==> flow/design.v <==
module selector #(
    parameter DATA_W = 20,
    parameter COUNT = 10
) (
    input logic core_clk,
    input logic srst,
    input logic en,
    input logic [COUNT*DATA_W-1:0] val,
    input logic [COUNT-1:0] choose,
    output logic [DATA_W-1:0] out
);
    logic [DATA_W-1:0] work;
    always_comb begin
        work = '0;
        for (int i = COUNT-1; i >= 0; i = i - 1)
            if (choose[i]) work = val[i*DATA_W +: DATA_W];
    end
    always_ff @(posedge core_clk or posedge srst) begin
        if (srst) begin
            out <= '0;
        end else if (en) begin
            out <= work;
        end
    end
endmodule
---- From RTL to reports: selector ----
What the tools print for selector, step after step.
Line numbers count from 1 in the design file above.
Library cell names are shortened.
Not given: --
inputs
  top module .............................. selector
  clock port .............................. core_clk
  cell library ............................ sky130hd
  library corner .......................... tt_025C_1v80

---- Elaborated design ----
Counts by Yosys on the flattened word-level netlist (proc, flatten, opt, wreduce; memories kept). Register bits leave out memories and registers merged into their read ports (data or address); mux counts leave out enables and synchronous resets folded into registers. Print and check cells are left out. Cells with the same type and inputs are merged into one.
operators by class
  mux-type cells .......................... 10
operator list
  operator            number
  20-bit two-way mux  10
bit counts
  output and inout port bits .............. 20
  input bits .............................. 213
  bits in registers ....................... 20
  word-level cells ........................ 11

---- Logic depth ----
Yosys ltp: most cells in a row. Word level: on the elaborated netlist, between registers, memories and ports. Mapped: between sequential cells and ports; inverters and the memories' decode and read muxes count.
depth
  depth after elaboration ................. 10
  ABC_AREA ................................ 0
  depth in mapped cells ................... 7
  depth with buffers taken out ............ 4

---- Netlist ----
Yosys stat after the flow's synthesis: flattened, memories mapped to cells. It holds for the ABC_AREA given above (unset counts as 0); a run with the other value may have another netlist.
cells by type
  type       number
  dfrtp_1    20
  a22oi_1    38
  nor2_1     56
  o2111ai_1  19
  nand2_1    44
  a31o_1     18
  o221ai_1   18
  a21boi_0   19
  o211ai_1   19
  o22ai_2    10
  a21oi_1    19
  buf_2      16
  o22ai_1    9
  clkbuf_1   12
  buf_6      3
  buf_4      4
  nor2b_1    4
  buf_12     1
Not listed: further types 21, cells in them 27.
synthesis totals
  buffers ................................. 39
  flip-flops .............................. 20
  cells in the netlist .................... 356
  mapped area ............................. 0.002615 mm²

---- Worst setup path after synthesis ----
Path of least setup slack by OpenSTA after synthesis, without wires, with an ideal clock, recovery checks aside; 20% of the period is set as input and as output delay. Where synthesis merged equal registers, the netlist keeps one of their names.
timing path post-synthesis
  kind .................................... input -> register
  from .................................... input port (no name shown)
  to ...................................... register out[0]
  data arrival time ....................... 1189 ps
  library setup time ...................... 120 ps
  delay of the path ....................... 997 ps
  slack ................................... 252 ps
  driving pins on the path ................ 7
  clock period ............................ 1560 ps
  external input delay .................... 312 ps
  required time ........................... 1440 ps
  period reached after synthesis .......... 1308 ps
"delay of the path" = arrival - input delay + setup time.
"driving pins on the path" counts driving pins, that of a launching flip-flop among them; a cell with two outputs on the path counts twice.
"period reached after synthesis" = period - worst setup slack (recovery checks aside). The figure is calculated, with input and output delays left at 20% of the set period.
Between the ends stands the longest chain of elaborated cells between them, by number of cells; it is not shown to be the way that was timed. Of several equally long chains one is given.
Each line given opens the expression or statement behind the cell; cells for indexed reads and writes are added by Yosys, which also makes memories of some case tables.
on the way, post-synthesis
  cells stage by stage .................... clkbuf_2 > nor2_2 > o21a_1 > buf_6 > buf_2 > o211ai_1 > a31o_1
  length of the longest elaborated chain .. 6
  elaborated cells on any way between the ends .. 6
  RTL lines with such cells ............... 1
  classes of those cells .................. 6 x mux
RTL lines, path post-synthesis
  element                RTL line  text
  start, declared        9
  20-bit two-way mux x6  16
  end, assigned          20        out <= '0;
  end, assigned          22        out <= work;
  end, declared          10        output logic [DATA_W-1:0] out

---- Timing after layout ----
From the final timing report of run 1: the path of least setup slack in the routed layout; clock arrival at registers is part of the times.
The path's times are printed in steps of 10 ps; the period is the one set.
timing path post-layout
  kind .................................... register -> output
  from .................................... register out[17]
  to ...................................... output port out[17]
  required time ........................... 1250 ps
  output delay ............................ 310 ps
  driving pins on the path ................ 2
  slack ................................... 20 ps
  data arrival time ....................... 1230 ps
  clock period ............................ 1560 ps
on the way, post-layout
  cells stage by stage .................... dfrtp_1 > clkdlybuf4s50_1
  length of the longest elaborated chain .. 0
  elaborated cells on any way between the ends .. 0
  RTL lines with such cells ............... 0
RTL lines, path post-layout
  element          RTL line  text
  start, declared  10        output logic [DATA_W-1:0] out
  start, assigned  20        out <= '0;
  start, assigned  22        out <= work;
  end, declared    10

Wiki page: selector / flow data

Record of 3 stored runs of the RTL-to-layout flow on selector, platform sky130hd. The runs are unordered. Constraints: input delay and output delay 20% of the set period each, output load 0.01 pF.
By "period reached" is meant the clock period of the run minus its worst setup slack. This is arithmetic on one report: input and output delays are still those of the set period (20% each).
"worst setup path time": the worst setup path's part of the clock period (all of it between registers, 20% less for each end at a port) less its slack. A launch clock that arrives late makes it longer, a capture clock that arrives late makes it shorter.
By "total power of the final layout" is meant OpenSTA's value without simulated activity: inputs other than the clock are taken to toggle once in ten clock periods, and the tool carries that through the logic.
"worst setup path time" is known to 10 ps.

======== run 1 ========
==> flow/run.sh <==
#!/bin/bash
# the make line also repeats the synthesis and layout settings of config.mk as NAME=value (left out here)
make -C /OpenROAD-flow-scripts/flow DESIGN_CONFIG=/design/flow/config.mk WORK_HOME=/design/flow/orfs CLKGATE_MAP_FILE= finish
==> flow/config.mk <==
export PLATFORM = sky130hd
export DESIGN_NAME = selector
export DESIGN_NICKNAME = selector
export VERILOG_FILES = /design/flow/design.v
export SDC_FILE = /design/flow/constraint.sdc
export NUM_CORES = 4
export LEC_CHECK = 0
export CAP_MARGIN = 20
export CORE_MARGIN = 2
export CORE_UTILIZATION = 40
export SLEW_MARGIN = 20
==> flow/constraint.sdc <==
create_clock -name core_clock -period 1.56 [get_ports {core_clk}]
set_input_delay 0.3120 -clock core_clock [delete_from_list [all_inputs] [get_ports {core_clk}]]
set_output_delay 0.3120 -clock core_clock [all_outputs]
set_load 0.01 [all_outputs]

-------- measured, run 1 --------
  total power of the final layout ......... 2506 µW
  period reached .......................... 1540 ps
  utilization after routing ............... 85.4 %
  full die area ........................... 0.0072004 mm²
  setup slack of the critical path ........ 20 ps
  cell area after synthesis ............... 0.002615 mm²
  setup TNS ............................... 0 ps
  standard-cell area after layout ......... 0.0054214 mm²
  worst setup path time ................... 1230 ps
  worst setup path type ................... register -> output

======== run 2 ========
==> flow/run.sh <==
#!/bin/bash
# the make line also repeats the synthesis and layout settings of config.mk as NAME=value (left out here)
make -C /OpenROAD-flow-scripts/flow DESIGN_CONFIG=/design/flow/config.mk WORK_HOME=/design/flow/orfs CLKGATE_MAP_FILE= finish
==> flow/config.mk <==
export PLATFORM = sky130hd
export DESIGN_NAME = selector
export DESIGN_NICKNAME = selector
export VERILOG_FILES = /design/flow/design.v
export SDC_FILE = /design/flow/constraint.sdc
export NUM_CORES = 4
export LEC_CHECK = 0
export CAP_MARGIN = 20
export CORE_ASPECT_RATIO = 1.09
export CORE_MARGIN = 5
export CORE_UTILIZATION = 44
export CTS_CLUSTER_SIZE = 60
export GPL_ROUTABILITY_DRIVEN = 1
export MAX_ROUTING_LAYER = met5
export SETUP_SLACK_MARGIN = 0.41
export SLEW_MARGIN = 40
==> flow/constraint.sdc <==
create_clock -name core_clock -period 1.36 [get_ports {core_clk}]
set_input_delay 0.2720 -clock core_clock [delete_from_list [all_inputs] [get_ports {core_clk}]]
set_output_delay 0.2720 -clock core_clock [all_outputs]
set_load 0.01 [all_outputs]

-------- run 2 --------
  no results, clock tree synthesis failed with DPL-0038

======== run 3 ========
==> flow/run.sh <==
#!/bin/bash
# the make line also repeats the synthesis and layout settings of config.mk as NAME=value (left out here)
make -C /OpenROAD-flow-scripts/flow DESIGN_CONFIG=/design/flow/config.mk WORK_HOME=/design/flow/orfs CLKGATE_MAP_FILE= finish
==> flow/config.mk <==
export PLATFORM = sky130hd
export DESIGN_NAME = selector
export DESIGN_NICKNAME = selector
export VERILOG_FILES = /design/flow/design.v
export SDC_FILE = /design/flow/constraint.sdc
export NUM_CORES = 4
export LEC_CHECK = 0
export ABC_AREA = 0
export CAP_MARGIN = 20
export CELL_PAD_IN_SITES_DETAIL_PLACEMENT = 2
export CORE_ASPECT_RATIO = 1.35
export CORE_MARGIN = 2
export CORE_UTILIZATION = 17
export CTS_CLUSTER_DIAMETER = 364
export MAX_ROUTING_LAYER = met4
export PLACE_DENSITY_LB_ADDON = 0.28
export SETUP_SLACK_MARGIN = 0.04
export SLEW_MARGIN = 40
export TNS_END_PERCENT = 5
==> flow/constraint.sdc <==
create_clock -name core_clock -period 1.11 [get_ports {core_clk}]
set_input_delay 0.2220 -clock core_clock [delete_from_list [all_inputs] [get_ports {core_clk}]]
set_output_delay 0.2220 -clock core_clock [all_outputs]
set_load 0.01 [all_outputs]

-------- measured, run 3 --------
  total power of the final layout ......... 4206 µW
  period reached .......................... 1262 ps
  utilization after routing ............... 39.5 %
  full die area ........................... 0.0164019 mm²
  setup slack of the critical path ........ -152 ps
  cell area after synthesis ............... 0.002615 mm²
  setup TNS ............................... -1708 ps
  standard-cell area after layout ......... 0.0059332 mm²
  worst setup path time ................... 1040 ps
  worst setup path type ................... input -> register
